==> flow/design.v <==
module alu_chooser #(
    parameter integer DATA_WIDTH = 10,
    parameter integer WAYS = 2,
    parameter integer LOGN = $clog2(WAYS)
) (
    input  wire clk_i,
    input  wire resetn,
    input  wire [WAYS*DATA_WIDTH-1:0] din_i,
    input  wire [LOGN-1:0] select_i,
    output wire [DATA_WIDTH-1:0] result_o
);
    reg [WAYS*DATA_WIDTH-1:0] din_reg;
    reg [LOGN-1:0] select_reg;
    always @(posedge clk_i) begin
        if (!resetn) begin
            din_reg <= 0;
            select_reg <= 0;
        end else begin
            din_reg <= din_i;
            select_reg <= select_i;
        end
    end
    wire [DATA_WIDTH-1:0] nd [1:2*WAYS-1];
    genvar i;
    generate
        for (i = 0; i < WAYS; i = i + 1) begin : gen
            assign nd[WAYS+i] = din_reg[i*DATA_WIDTH +: DATA_WIDTH];
        end
        for (i = 1; i < WAYS; i = i + 1) begin : blk
            assign nd[i] = select_reg[LOGN - $clog2(i+1)] ? nd[2*i+1] : nd[2*i];
        end
    endgenerate
    reg [DATA_WIDTH-1:0] result_reg;
    always @(posedge clk_i) begin
        if (!resetn) begin
            result_reg <= 0;
        end else begin
            result_reg <= nd[1];
        end
    end
    assign result_o = result_reg;
endmodule
# Tool chain data of alu_chooser
# What the tools print for alu_chooser, step after step.
# Lines are those of the file above, counted from 1.
# Operators: Yosys type, input widths -> output width; for muxes data width and select width s.
# Library cell names are shortened.
# Not given: n/a
# inputs
top	alu_chooser
clock	clk_i
library	sky130hd
corner	tt_025C_1v80

# Word-level counts
# Yosys after proc, flatten, opt, wreduce and memory -nomap, before mapping. Enables and synchronous resets that opt folds into registers are not counted as muxes. Print and check cells are not counted. Equal cells are merged and count once.
# word_totals
regBits	31
in_bits	23
output_inout_bits	10
word_cells	4
# op_classes
n_mux	1
# op_table
cell	n
$mux 10	1

# Logic depth
# Longest topological path by Yosys (ltp), each cell counted once; first at word level (registers and memories cut), then after technology mapping (sequential cells cut; the memories' decode and read muxes count).
# depth
ltp_word	1
abc_area	0
ltp_mapped	3
ltp_nobuf	2

# Synthesis result
# Source: synth_stat.txt of the flow (Yosys; design flattened, memories mapped). It holds for the ABC_AREA given above (unset counts as 0); a run with the other value may have another netlist.
# types
cell_type	n
dfxtp_1	31
and2_1	21
mux2i_1	10
nor2b_1	10
buf_6	1
buf_2	2
clkbuf_1	1
# mapped
sequential_area_mm2	0.0006206
stdcells	76
area_mm2	0.0009397
ffs	31

# Worst setup path after synthesis
# Path of least setup slack by OpenSTA after synthesis, without wires, with an ideal clock, recovery checks aside; 20% of the period is set as input and as output delay. Where synthesis merged equal registers, the netlist keeps one of their names.
# synth_timing
path_type	register to register
startpoint	reg select_reg
endpoint	reg result_reg[0]
driving_pins	4
n_path_buf	1
required_time_ps	877
path_delay_ps	794
clock_period_ps	993
launch_ps	0
arrival_time_ps	678
setup_slack_ps	199
synth_period_reached_ps	794
# "path_delay_ps" = arrival - input delay + setup time.
# "driving_pins": output pins that drive a net of the path, with the launching flip-flop's if there is one; two outputs of one cell count as two.
# "synth_period_reached_ps" = period - worst setup slack (recovery checks aside). The figure is calculated, with input and output delays left at 20% of the set period.
# Between the ends stands the longest chain of elaborated cells between them, by number of cells; it is not shown to be the way that was timed. Of several equally long chains one is given.
# A line is the first line of the expression or statement that the cell stems from. Yosys adds cells for indexed reads and writes and turns some case tables into memories.
# synth_via
path_cell_list	dfxtp_1 > buf_6 > mux2i_1 > nor2b_1
elab_chain_len	1
# synth_lines
item	line	rtl
from (decl)	13	reg [LOGN-1:0] select_reg;
from (assign)	17	select_reg <= 0;
from (assign)	20	select_reg <= select_i;
$mux 10	30	assign nd[i] = select_reg[LOGN - $clog2(i+1)] ? nd[2*i+1] : nd[2*i];
to (assign)	36	result_reg <= 0;
to (assign)	38	result_reg <= nd[1];
to (decl)	33	reg [DATA_WIDTH-1:0] result_reg;

# Path in the finished layout
# Path of least setup slack in the final report of run 1 (OpenROAD, finished layout, wires in). Where an end is a register, its clock arrival counts in the times.
# The path's times are printed in steps of 10 ps; the period is the one set.
# layout_timing
path_type	register to output
startpoint	reg result_reg[9]
endpoint	out result_o[9]
clock_period_ps	664
setup_slack_ps	-230
n_path_buf	1
arrival_time_ps	760
required_time_ps	530
output_delay_ps	130
launch_ps	330
driving_pins	2
# layout_via
path_cell_list	dfxtp_1 > buf_2
elab_chain_len	0
# layout_lines
item	line	rtl
from (decl)	33	reg [DATA_WIDTH-1:0] result_reg;
from (assign)	36	result_reg <= 0;
from (assign)	38	result_reg <= nd[1];
to (decl)	10	output wire [DATA_WIDTH-1:0] result_o

--- measured runs ---
Record of 3 stored runs of the RTL-to-layout flow on alu_chooser, platform sky130hd. The runs are unordered. Constraints: input delay and output delay 20% of the set period each, output load 0.01 pF.
"achieved_clock_period_ps" means the clock period less the worst setup slack. The figure is calculated, with input and output delays left at 20% of the set period.
"worstPathTime_ps" means the part of the period allowed to the worst setup path (the constraints hold back 20% at inputs and 20% at outputs) less its slack; where the path has registers, the arrival times of their clocks count too.
"final_power_uw" is the tool's figure for a default switching activity; nothing was simulated.
"worstPathTime_ps" is known to 10 ps.

Run 1, flow files:
==> flow/run.sh <==
#!/bin/bash
# the make line also repeats the synthesis and layout settings of config.mk as NAME=value (left out here)
make -C /OpenROAD-flow-scripts/flow DESIGN_CONFIG=/design/flow/config.mk WORK_HOME=/design/flow/orfs CLKGATE_MAP_FILE= finish
==> flow/config.mk <==
export PLATFORM = sky130hd
export DESIGN_NAME = alu_chooser
export DESIGN_NICKNAME = alu_chooser
export VERILOG_FILES = /design/flow/design.v
export SDC_FILE = /design/flow/constraint.sdc
export NUM_CORES = 4
export LEC_CHECK = 0
export CAP_MARGIN = 30
export CORE_MARGIN = 2
export CORE_UTILIZATION = 30
export CTS_CLUSTER_SIZE = 94
export MIN_ROUTING_LAYER = met1
export PLACE_DENSITY_LB_ADDON = 0.08
export SLEW_MARGIN = 20
==> flow/constraint.sdc <==
create_clock -name core_clock -period 0.664 [get_ports {clk_i}]
set_input_delay 0.1328 -clock core_clock [delete_from_list [all_inputs] [get_ports {clk_i}]]
set_output_delay 0.1328 -clock core_clock [all_outputs]
set_load 0.01 [all_outputs]

==> results of run 1, as CSV <==
result,value
worstPathTime_ps,760
timing.worst_path_kind,"register to output"
final_cell_area_mm2,0.0013475
yosys_chip_area_mm2,0.0009397
final_setup_ws_ps,-227
achieved_clock_period_ps,891
final_power_uw,3252
final_die_area_mm2,0.0035958
setup_tns_ps,-3847

Run 2, flow files:
==> flow/run.sh <==
#!/bin/bash
# the make line also repeats the synthesis and layout settings of config.mk as NAME=value (left out here)
make -C /OpenROAD-flow-scripts/flow DESIGN_CONFIG=/design/flow/config.mk WORK_HOME=/design/flow/orfs CLKGATE_MAP_FILE= finish
==> flow/config.mk <==
export PLATFORM = sky130hd
export DESIGN_NAME = alu_chooser
export DESIGN_NICKNAME = alu_chooser
export VERILOG_FILES = /design/flow/design.v
export SDC_FILE = /design/flow/constraint.sdc
export NUM_CORES = 4
export LEC_CHECK = 0
export CAP_MARGIN = 20
export CORE_MARGIN = 2
export CORE_UTILIZATION = 40
export SLEW_MARGIN = 20
==> flow/constraint.sdc <==
create_clock -name core_clock -period 0.993 [get_ports {clk_i}]
set_input_delay 0.1986 -clock core_clock [delete_from_list [all_inputs] [get_ports {clk_i}]]
set_output_delay 0.1986 -clock core_clock [all_outputs]
set_load 0.01 [all_outputs]

==> results of run 2, as CSV <==
result,value
worstPathTime_ps,750
timing.worst_path_kind,"register to output"
achieved_clock_period_ps,948
final_power_uw,2131
final_setup_ws_ps,45
final_cell_area_mm2,0.0013
yosys_chip_area_mm2,0.0009397
setup_tns_ps,0
final_die_area_mm2,0.0027526

Run 3, flow files:
==> flow/run.sh <==
#!/bin/bash
# the make line also repeats the synthesis and layout settings of config.mk as NAME=value (left out here)
make -C /OpenROAD-flow-scripts/flow DESIGN_CONFIG=/design/flow/config.mk WORK_HOME=/design/flow/orfs CLKGATE_MAP_FILE= finish
==> flow/config.mk <==
export PLATFORM = sky130hd
export DESIGN_NAME = alu_chooser
export DESIGN_NICKNAME = alu_chooser
export VERILOG_FILES = /design/flow/design.v
export SDC_FILE = /design/flow/constraint.sdc
export NUM_CORES = 4
export LEC_CHECK = 0
export CAP_MARGIN = 30
export CELL_PAD_IN_SITES_GLOBAL_PLACEMENT = 2
export CORE_ASPECT_RATIO = 0.65
export CORE_MARGIN = 2
export CORE_UTILIZATION = 43
export GPL_TIMING_DRIVEN = 0
export SLEW_MARGIN = 25
==> flow/constraint.sdc <==
create_clock -name core_clock -period 0.99 [get_ports {clk_i}]
set_input_delay 0.1980 -clock core_clock [delete_from_list [all_inputs] [get_ports {clk_i}]]
set_output_delay 0.1980 -clock core_clock [all_outputs]
set_load 0.01 [all_outputs]

==> results of run 3, as CSV <==
result,value
yosys_chip_area_mm2,0.0009397
final_power_uw,2355
worstPathTime_ps,750
timing.worst_path_kind,"register to output"
final_cell_area_mm2,0.001355
achieved_clock_period_ps,944
setup_tns_ps,0
final_die_area_mm2,0.0025839
final_setup_ws_ps,46
--- end ---
